==> flow/design.v <==
module my_sub_unit #(
  parameter integer DATA_WIDTH = 128
) (
  input logic clk,
  input logic clr,
  input logic [DATA_WIDTH-1:0] opa,
  input logic [DATA_WIDTH-1:0] opb,
  input logic subtract,
  output logic [DATA_WIDTH-1:0] delta,
  output logic cout
);
  logic [DATA_WIDTH-1:0] w2;
  assign w2 = opb ^ {DATA_WIDTH{subtract}};
  logic [DATA_WIDTH:0] work;
  assign work = opa + w2 + subtract;
  always_ff @(posedge clk or posedge clr) begin
    if (clr) begin
      delta <= 0;
    end else begin
      delta <= work[DATA_WIDTH-1:0];
    end
  end
  always_ff @(posedge clk or posedge clr) begin
    if (clr) begin
      cout <= 1'b0;
    end else begin
      cout <= work[DATA_WIDTH];
    end
  end
endmodule
# Tool chain data of my_sub_unit
# What the tools print for my_sub_unit, step after step.
# Lines are those of the file above, counted from 1.
# Cell names lack the library's common part.
# The mark - stands for no value.
dict set report design {
  top {my_sub_unit}
  clock {clk}
  library {sky130hd}
  lib_corner {tt_025C_1v80}
}

# Elaborated design
# Yosys after proc, flatten, opt, wreduce and memory -nomap, before mapping. Enables and synchronous resets that opt folds into registers are not counted as muxes. Memory bits, and registers merged into a memory's read port (data or address), are not among the register bits. Print and check cells are not counted. Equal cells are merged and count once.
dict set report classes {
  n_addsub 2
  n_logic 1
}
# op n
set op_table {}
lappend op_table {{128-bit by 128-bit adder with 129-bit output} 1}
lappend op_table {{129-bit by 1-bit adder with 129-bit output} 1}
lappend op_table {{128-bit XOR} 1}
dict set report word_totals {
  reg_bits 129
  input_bits 259
  output_inout_bits 129
  wordCells 5
}

# Longest topological paths
# Depth = most cells in a row (Yosys ltp): at word level without a register or memory, in the mapped netlist without a sequential cell, where the memories' decode and read muxes count.
dict set report depth {
  depth_word 3
  abc_area 0
  depth_mapped 17
  ltp_nobuf 14
}

# Synthesis result
# The flow's flattened synthesis, as Yosys stat reports it; memories are mapped. The netlist is that of the ABC_AREA named above (0 if unset); the other value can give another one.
# Totals and module areas in this step are rounded.
# cell n type_area_um2
set types {}
lappend types {dfrtp_1 129 3.23E+03}
lappend types {ha_1 141 1.76E+03}
lappend types {xor2_1 170 1.49E+03}
lappend types {a21oi_1 197 985.946}
lappend types {xnor2_1 79 691.914}
lappend types {nand2_1 132 495.475}
lappend types {o21ai_0 91 455.437}
lappend types {a21o_1 60 450.432}
lappend types {nand4_1 63 394.128}
lappend types {nor2_1 99 371.606}
lappend types {o21bai_1 46 345.331}
lappend types {inv_1 57 213.955}
lappend types {clkbuf_1 50 187.68}
lappend types {o21a_1 22 165.158}
lappend types {nor3_1 25 125.12}
lappend types {o31ai_1 14 105.101}
lappend types {a31oi_1 16 100.096}
lappend types {buf_2 20 100.096}
# Not listed: further types 61, cells in them 194.
dict set report mapped {
  cells 1605
  mapped_area_um2 13200
  seq_area_um2 3230
  flip_flops 129
  buffers 73
}

# Timing after synthesis
# Path of least setup slack by OpenSTA after synthesis, without wires, with an ideal clock, recovery checks aside; 20% of the period is set as input and as output delay. Where synthesis merged equal registers, the netlist keeps one of their names.
dict set report synth_timing {
  path_kind {input -> register}
  start {in subtract}
  end {reg delta[122]}
  clock_period_ns 6.2
  input_delay_ns 1.240
  setup_ns 0.139
  t_first_pin_ns 1.240
  t_arrival_ns 5.070
  required_time_ns 6.061
  setup_slack_ns 0.991
  delay_ns 3.969
  path_stages 16
  path_buffers 3
  synth_period_reached_ns 5.209
}
# "delay_ns" is the arrival time less input delay plus setup time.
# "path_stages" counts driving pins, that of a launching flip-flop among them; a cell with two outputs on the path counts twice.
# "synth_period_reached_ns" = period - worst setup slack (recovery checks aside). The figure is calculated, with input and output delays left at 20% of the set period.
# The rows between start and end are the longest chain of elaborated cells between them; the timing report does not say that the signal goes this way. Where chains are equally long, one stands for them.
# Each line given opens the expression or statement behind the cell; cells for indexed reads and writes are added by Yosys, which also makes memories of some case tables.
dict set report synth_between {
  cell_sequence {clkbuf_1 buf_1 clkbuf_1 xor2_1 ha_1 a21oi_1 o21ai_0 a41o_1 o21a_1 o2111ai_2 a211oi_2 nor3_2 o21ai_2 a221oi_2 a211oi_1 or4_1}
  elab_chain_cells 3
  cone_cells 3
  cone_lines 2
  cone_classes {add/sub (2); logic (1)}
}
# item line_no
set synth_rtl {}
lappend synth_rtl {{start, declared} 8} ;# input logic subtract,
lappend synth_rtl {{128-bit XOR} 13} ;# assign w2 = opb ^ {DATA_WIDTH{subtract}};
lappend synth_rtl {{128-bit by 128-bit adder with 129-bit output} 15} ;# assign work = opa + w2 + subtract;
lappend synth_rtl {{129-bit by 1-bit adder with 129-bit output} 15}
lappend synth_rtl {{end, assigned} 18} ;# delta <= 0;
lappend synth_rtl {{end, assigned} 20} ;# delta <= work[DATA_WIDTH-1:0];
lappend synth_rtl {{end, declared} 9} ;# output logic [DATA_WIDTH-1:0] delta,

# Path in the finished layout
# Path of least setup slack in the final report of record 1 (OpenROAD, finished layout, wires in). Where an end is a register, its clock arrival counts in the times.
dict set report layout_timing {
  path_kind {input -> register}
  start {in opb[7]}
  end {reg delta[125]}
  clock_period_ns 5.1
  input_delay_ns 1.02
  setup_ns 0.12
  t_first_pin_ns 1.02
  t_arrival_ns 5.22
  required_time_ns 5.41
  setup_slack_ns 0.19
  path_stages 14
  path_buffers 1
}
# The rows between start and end are the longest chain of elaborated cells between them; the timing report does not say that the signal goes this way. Where chains are equally long, one stands for them.
dict set report layout_between {
  cell_sequence {clkdlybuf4s50_1 xor2_1 ha_1 a21oi_1 nand2_1 a2111oi_0 a21oi_1 and3_1 o21ai_2 a2111o_1 a211oi_2 o21ai_0 nand4_1 nor3b_1}
  elab_chain_cells 3
  cone_cells 3
  cone_lines 2
  cone_classes {add/sub (2); logic (1)}
}
# item line_no
set layout_rtl {}
lappend layout_rtl {{start, declared} 7} ;# input logic [DATA_WIDTH-1:0] opb,
lappend layout_rtl {{128-bit XOR} 13} ;# assign w2 = opb ^ {DATA_WIDTH{subtract}};
lappend layout_rtl {{128-bit by 128-bit adder with 129-bit output} 15} ;# assign work = opa + w2 + subtract;
lappend layout_rtl {{129-bit by 1-bit adder with 129-bit output} 15}
lappend layout_rtl {{end, assigned} 18} ;# delta <= 0;
lappend layout_rtl {{end, assigned} 20} ;# delta <= work[DATA_WIDTH-1:0];
lappend layout_rtl {{end, declared} 9} ;# output logic [DATA_WIDTH-1:0] delta,

# Module my_sub_unit, platform sky130hd: 3 stored runs of the flow (Yosys, OpenROAD) with differing settings, in no particular order. Input and output delays are each 20% of the period that was set; the output load is 0.01 pF.
# "achieved_clock_period_ns": clock period set for the run, less the worst setup slack. It is reckoned from that one timing run; input and output delays stay at 20% of the period that was set.
# By "worst_path_ns" is meant the share of the clock period that the worst setup path is allowed (20% is reserved at inputs, 20% at outputs), minus its slack. Clock arrival times at its registers enter into it.
# "design_power_uw": no workload was simulated; the value follows from the tool's default switching activity.
# The measured numbers are rounded.
run="record 1" settings period_ns=5.1 CORE_UTILIZATION=59 SETUP_SLACK_MARGIN=-0.22 PLACE_DENSITY_LB_ADDON=0.11 CORE_ASPECT_RATIO=1.19 CORE_MARGIN=2 CELL_PAD_IN_SITES_DETAIL_PLACEMENT=0 CAP_MARGIN=40 SLEW_MARGIN=20
run="record 1" results synthArea_um2=13200 final_die_area_um2=23600 final_util_pct=82.9 achieved_clock_period_ns=4.908 design_power_uw=6140 setup_tns_ns=0.000 worst_path_ns=3.89 critical_path_kind="input -> register" worst_setup_slack_ns=0.192 finish.stdcell_area_um2=18200
run="record 2" settings period_ns=6.2 CAP_MARGIN=20 CORE_MARGIN=2 CORE_UTILIZATION=40 SLEW_MARGIN=20
run="record 2" results synthArea_um2=13200 final_die_area_um2=34500 final_util_pct=55.5 achieved_clock_period_ns=5.287 design_power_uw=5010 setup_tns_ns=0.000 worst_path_ns=4.05 critical_path_kind="input -> register" worst_setup_slack_ns=0.913 finish.stdcell_area_um2=18100
run="record 3" settings period_ns=7.12 CORE_UTILIZATION=47 PLACE_DENSITY=0.69 CORE_ASPECT_RATIO=0.62 CORE_MARGIN=6 CELL_PAD_IN_SITES_GLOBAL_PLACEMENT=0 ABC_AREA=0 GPL_ROUTABILITY_DRIVEN=1 CTS_CLUSTER_SIZE=34 CTS_CLUSTER_DIAMETER=192 CAP_MARGIN=15 SLEW_MARGIN=20
run="record 3" results synthArea_um2=13200 final_die_area_um2=32400 final_util_pct=66.0 achieved_clock_period_ns=5.472 design_power_uw=4370 setup_tns_ns=0.000 worst_path_ns=4.05 critical_path_kind="input -> register" worst_setup_slack_ns=1.65 finish.stdcell_area_um2=17900
